==> flow/design.v <==
module summer_stage #(
    parameter integer DW = 14
) (
    input clk,
    input valid,
    input [DW-1:0] i_u,
    input [DW-1:0] i_v,
    output reg [DW:0] o_o
);
    reg [DW-1:0] r_u;
    reg [DW-1:0] r_v;
    always @(posedge clk) begin
        if (valid) begin
            r_u <= i_u;
            r_v <= i_v;
        end
    end
    localparam LO_W = DW / 2;
    reg [LO_W:0] r_lo;
    reg [DW-LO_W-1:0] r_u_hi;
    reg [DW-LO_W-1:0] r_v_hi;
    always @(posedge clk) begin
        if (valid) begin
            r_lo <= r_u[LO_W-1:0] + r_v[LO_W-1:0];
            r_u_hi <= r_u[DW-1:LO_W];
            r_v_hi <= r_v[DW-1:LO_W];
        end
    end
    wire [DW-LO_W:0] msb = r_u_hi + r_v_hi + r_lo[LO_W];
    always @(posedge clk) begin
        if (valid) begin
            o_o <= {msb, r_lo[LO_W-1:0]};
        end
    end
endmodule
=== Tool chain data of summer_stage ===
The steps from the RTL of summer_stage to its reports follow in flow order.
Lines are those of the file above, counted from 1.
Cell names lack the library's common part.
Not given: n/a

* Top: summer_stage
* Clock: clk
* Library: sky130hd
* Timing corner: tt_025C_1v80

=== Word-level counts ===
Counts by Yosys on the flattened word-level netlist (proc, flatten, opt, wreduce; memories kept). Register bits leave out memories and registers merged into their read ports (data or address); mux counts leave out enables and synchronous resets folded into registers. Print and check cells are left out. Cells with the same type and inputs are merged into one.

* Register bits after elaboration: 65
* Latch bits: 0
* Bits in writable memories: 0
* Memory bits (read-only): 0
* Clocked read ports x word width: 0
* Memories kept: 0

* Add/subtract/negate cells: 3
* Multiply operators: 0
* Div/mod/pow operators: 0
* Magnitude comparators: 0
* Equality and inequality tests: 0
* Shift operators: 0
* Mux-type cells: 0
* Bitwise operators: 0
* Reductions and logical operators: 0

{| class="wikitable"
|+ Operators with widths
! kind !! count
|-
| 7-bit by 7-bit adder with 8-bit output || 2
|-
| 8-bit by 1-bit adder with 8-bit output || 1
|}

=== Logic depth ===
Longest topological path by Yosys (ltp), each cell counted once; first at word level (registers and memories cut), then after technology mapping (sequential cells cut; the memories' decode and read muxes count).

* Word-level depth: 2
* ABC_AREA: 1
* Depth in mapped cells: 8
* Gate-level depth less buffers: 8

=== Synthesis result ===
The flow's flattened synthesis, as Yosys stat reports it; memories are mapped. The netlist is that of the ABC_AREA named above (0 if unset); the other value can give another one.

{| class="wikitable"
|+ Cells by type
! type !! count !! area in all (um^2)
|-
| edfxtp_1 || 65 || 1.95E+03
|-
| ha_1 || 13 || 162.656
|-
| nand2_1 || 36 || 135.13
|-
| inv_1 || 22 || 82.579
|-
| fa_1 || 3 || 60.058
|-
| xnor2_1 || 5 || 43.792
|-
| a21oi_1 || 6 || 30.029
|-
| nor2_1 || 8 || 30.029
|-
| nand3_1 || 5 || 25.024
|-
| nand3_2 || 2 || 20.019
|-
| nand4_1 || 3 || 18.768
|-
| xor2_1 || 1 || 8.758
|-
| nand2_2 || 1 || 6.256
|-
| or2_1 || 1 || 6.256
|-
| clkinv_1 || 1 || 3.754
|}

* Cell count: 172
* Mapped area: 0.002585 mm^2
* Sequential area: 0.0019519 mm^2
* Flip-flop cells: 65

=== Worst setup path after synthesis ===
Source: OpenSTA report_checks on the synthesized netlist (no wires, ideal clock, input and output delay 20% of the period each), path of least setup slack; recovery checks are left aside. Register names are those of the netlist, which keeps one name where synthesis merged equal registers.

* Kind: reg-to-reg
* Start point: register r_lo[7]
* End point: register o_o[13]
* Period: 2,460 ps
* Setup time: 253 ps
* Time at the first pin: 0 ps
* Arrival time: 1,373 ps
* Required time: 2,207 ps
* Slack: 835 ps
* Delay of the path: 1,626 ps
* Driving pins on the path: 9
* Buffers on the path: 0
* Period reached after synthesis: 1,625 ps

"delay of the path" = arrival - input delay + setup time.
"driving pins on the path": output pins that drive a net of the path, with the launching flip-flop's if there is one; two outputs of one cell count as two.
"period reached after synthesis" is the clock period less the worst setup slack; recovery checks do not enter. This is arithmetic on one report: input and output delays are still those of the set period (20% each).
The rows between start and end are the longest chain of elaborated cells between them; the timing report does not say that the signal goes this way. Where chains are equally long, one stands for them.
A line is the first line of the expression or statement that the cell stems from. Yosys adds cells for indexed reads and writes and turns some case tables into memories.

* Cell sequence: edfxtp_1 > fa_1 > inv_1 > fa_1 > inv_1 > nand2_1 > nand3_1 > nand2_1 > nand2_1
* Length of the longest elaborated chain: 1
* Elaborated cells between the ends (all ways): 1
* Source lines of those cells: 1
* Classes of those cells: add/sub: 1

{| class="wikitable"
|+ RTL lines, path after synthesis
! item !! RTL line !! source
|-
| from (decl) || 19 || <nowiki>reg [LO_W:0] r_lo;</nowiki>
|-
| from (assign) || 24 || <nowiki>r_lo <= r_u[LO_W-1:0] + r_v[LO_W-1:0];</nowiki>
|-
| 8-bit by 1-bit adder with 8-bit output || 29 || <nowiki>wire [DW-LO_W:0] msb = r_u_hi + r_v_hi + r_lo[LO_W];</nowiki>
|-
| to (assign) || 32 || <nowiki>o_o <= {msb, r_lo[LO_W-1:0]};</nowiki>
|-
| to (decl) || 8 || <nowiki>output reg [DW:0] o_o</nowiki>
|}

=== Path in the finished layout ===
Path of least setup slack in the final report of entry A (OpenROAD, finished layout, wires in). Where an end is a register, its clock arrival counts in the times.
The report prints the path's times to 10 ps; the period is as set.

* Kind: reg-to-output
* Start point: register o_o[3]
* End point: output port o_o[3]
* Period: 3,370 ps
* Time at the first pin: 330 ps
* Arrival time: 1,200 ps
* Required time: 2,700 ps
* Slack: 1,490 ps
* Driving pins on the path: 2
* Buffers on the path: 1

* Cell sequence: edfxtp_1 > clkdlybuf4s50_1
* Length of the longest elaborated chain: 0
* Elaborated cells between the ends (all ways): 0
* Source lines of those cells: 0

{| class="wikitable"
|+ RTL lines, path post-layout
! item !! RTL line !! source
|-
| from (decl) || 8 || <nowiki>output reg [DW:0] o_o</nowiki>
|-
| from (assign) || 32 || <nowiki>o_o <= {msb, r_lo[LO_W-1:0]};</nowiki>
|-
| to (decl) || 8 ||
|}

Settings and measured results of 3 stored flow runs for module summer_stage (sky130hd), not sorted in any way. The constraints put input and output delay at 20% of the set period each and load the outputs with 0.01 pF.
"period achieved" means the clock period less the worst setup slack. The figure is calculated, with input and output delays left at 20% of the set period.
By "worst path time" is meant the share of the clock period that the worst setup path is allowed (20% is reserved at inputs, 20% at outputs), minus its slack. Clock arrival times at its registers enter into it.
"power consumption" is the tool's figure for a default switching activity; nothing was simulated.
"worst path time" is given in steps of 10 ps.

=== Entry A ===
{| class="wikitable"
! Setting !! Value
|-
| period_ns || 3.37
|-
| CORE_UTILIZATION || 37
|-
| SETUP_SLACK_MARGIN || 0.74
|-
| PLACE_DENSITY_LB_ADDON || 0.21
|-
| CELL_PAD_IN_SITES_GLOBAL_PLACEMENT || 2
|-
| ABC_AREA || 1
|-
| GPL_ROUTABILITY_DRIVEN || 0
|-
| CTS_CLUSTER_SIZE || 29
|-
| CAP_MARGIN || 20
|-
| CORE_MARGIN || 2
|-
| SLEW_MARGIN || 20
|-
! Result !! Value
|-
| Period achieved || 1,878 ps
|-
| Die footprint || 0.0076711 mm^2
|-
| Standard-cell area after layout || 0.0033657 mm^2
|-
| Yosys chip area after synthesis || 0.002585 mm^2
|-
| Final worst hold slack || 414 ps
|-
| Setup slack of the worst path || 1,492 ps
|-
| Post-route setup TNS || 0 ps
|-
| Power consumption || 0.001959 W
|-
| Post-layout utilization || 0.495
|-
| Worst path time || 1,200 ps
|-
| Class of the worst setup path || reg-to-output
|}

=== Entry B ===
{| class="wikitable"
! Setting !! Value
|-
| period_ns || 2.84
|-
| CORE_UTILIZATION || 48
|-
| SETUP_SLACK_MARGIN || 0.53
|-
| CORE_ASPECT_RATIO || 1.0
|-
| CELL_PAD_IN_SITES_GLOBAL_PLACEMENT || 1
|-
| TNS_END_PERCENT || 75
|-
| ABC_AREA || 1
|-
| GPL_TIMING_DRIVEN || 1
|-
| CTS_CLUSTER_SIZE || 75
|-
| MAX_ROUTING_LAYER || met4
|-
| CAP_MARGIN || 20
|-
| CORE_MARGIN || 2
|-
| SLEW_MARGIN || 20
|-
! Result !! Value
|-
| Period achieved || 1,771 ps
|-
| Die footprint || 0.0059884 mm^2
|-
| Standard-cell area after layout || 0.0033032 mm^2
|-
| Yosys chip area after synthesis || 0.002585 mm^2
|-
| Final worst hold slack || 414 ps
|-
| Setup slack of the worst path || 1,069 ps
|-
| Post-route setup TNS || 0 ps
|-
| Power consumption || 0.002206 W
|-
| Post-layout utilization || 0.643
|-
| Worst path time || 1,200 ps
|-
| Class of the worst setup path || reg-to-output
|}

=== Entry C ===
{| class="wikitable"
! Setting !! Value
|-
| period_ns || 2.46
|-
| CAP_MARGIN || 20
|-
| CORE_MARGIN || 2
|-
| CORE_UTILIZATION || 40
|-
| SLEW_MARGIN || 20
|-
! Result !! Value
|-
| Period achieved || 2,097 ps
|-
| Die footprint || 0.0069539 mm^2
|-
| Standard-cell area after layout || 0.0032569 mm^2
|-
| Yosys chip area after synthesis || 0.0025212 mm^2
|-
| Final worst hold slack || 419 ps
|-
| Setup slack of the worst path || 363 ps
|-
| Post-route setup TNS || 0 ps
|-
| Power consumption || 0.002572 W
|-
| Post-layout utilization || 0.544
|-
| Worst path time || 2,100 ps
|-
| Class of the worst setup path || reg-to-reg
|}
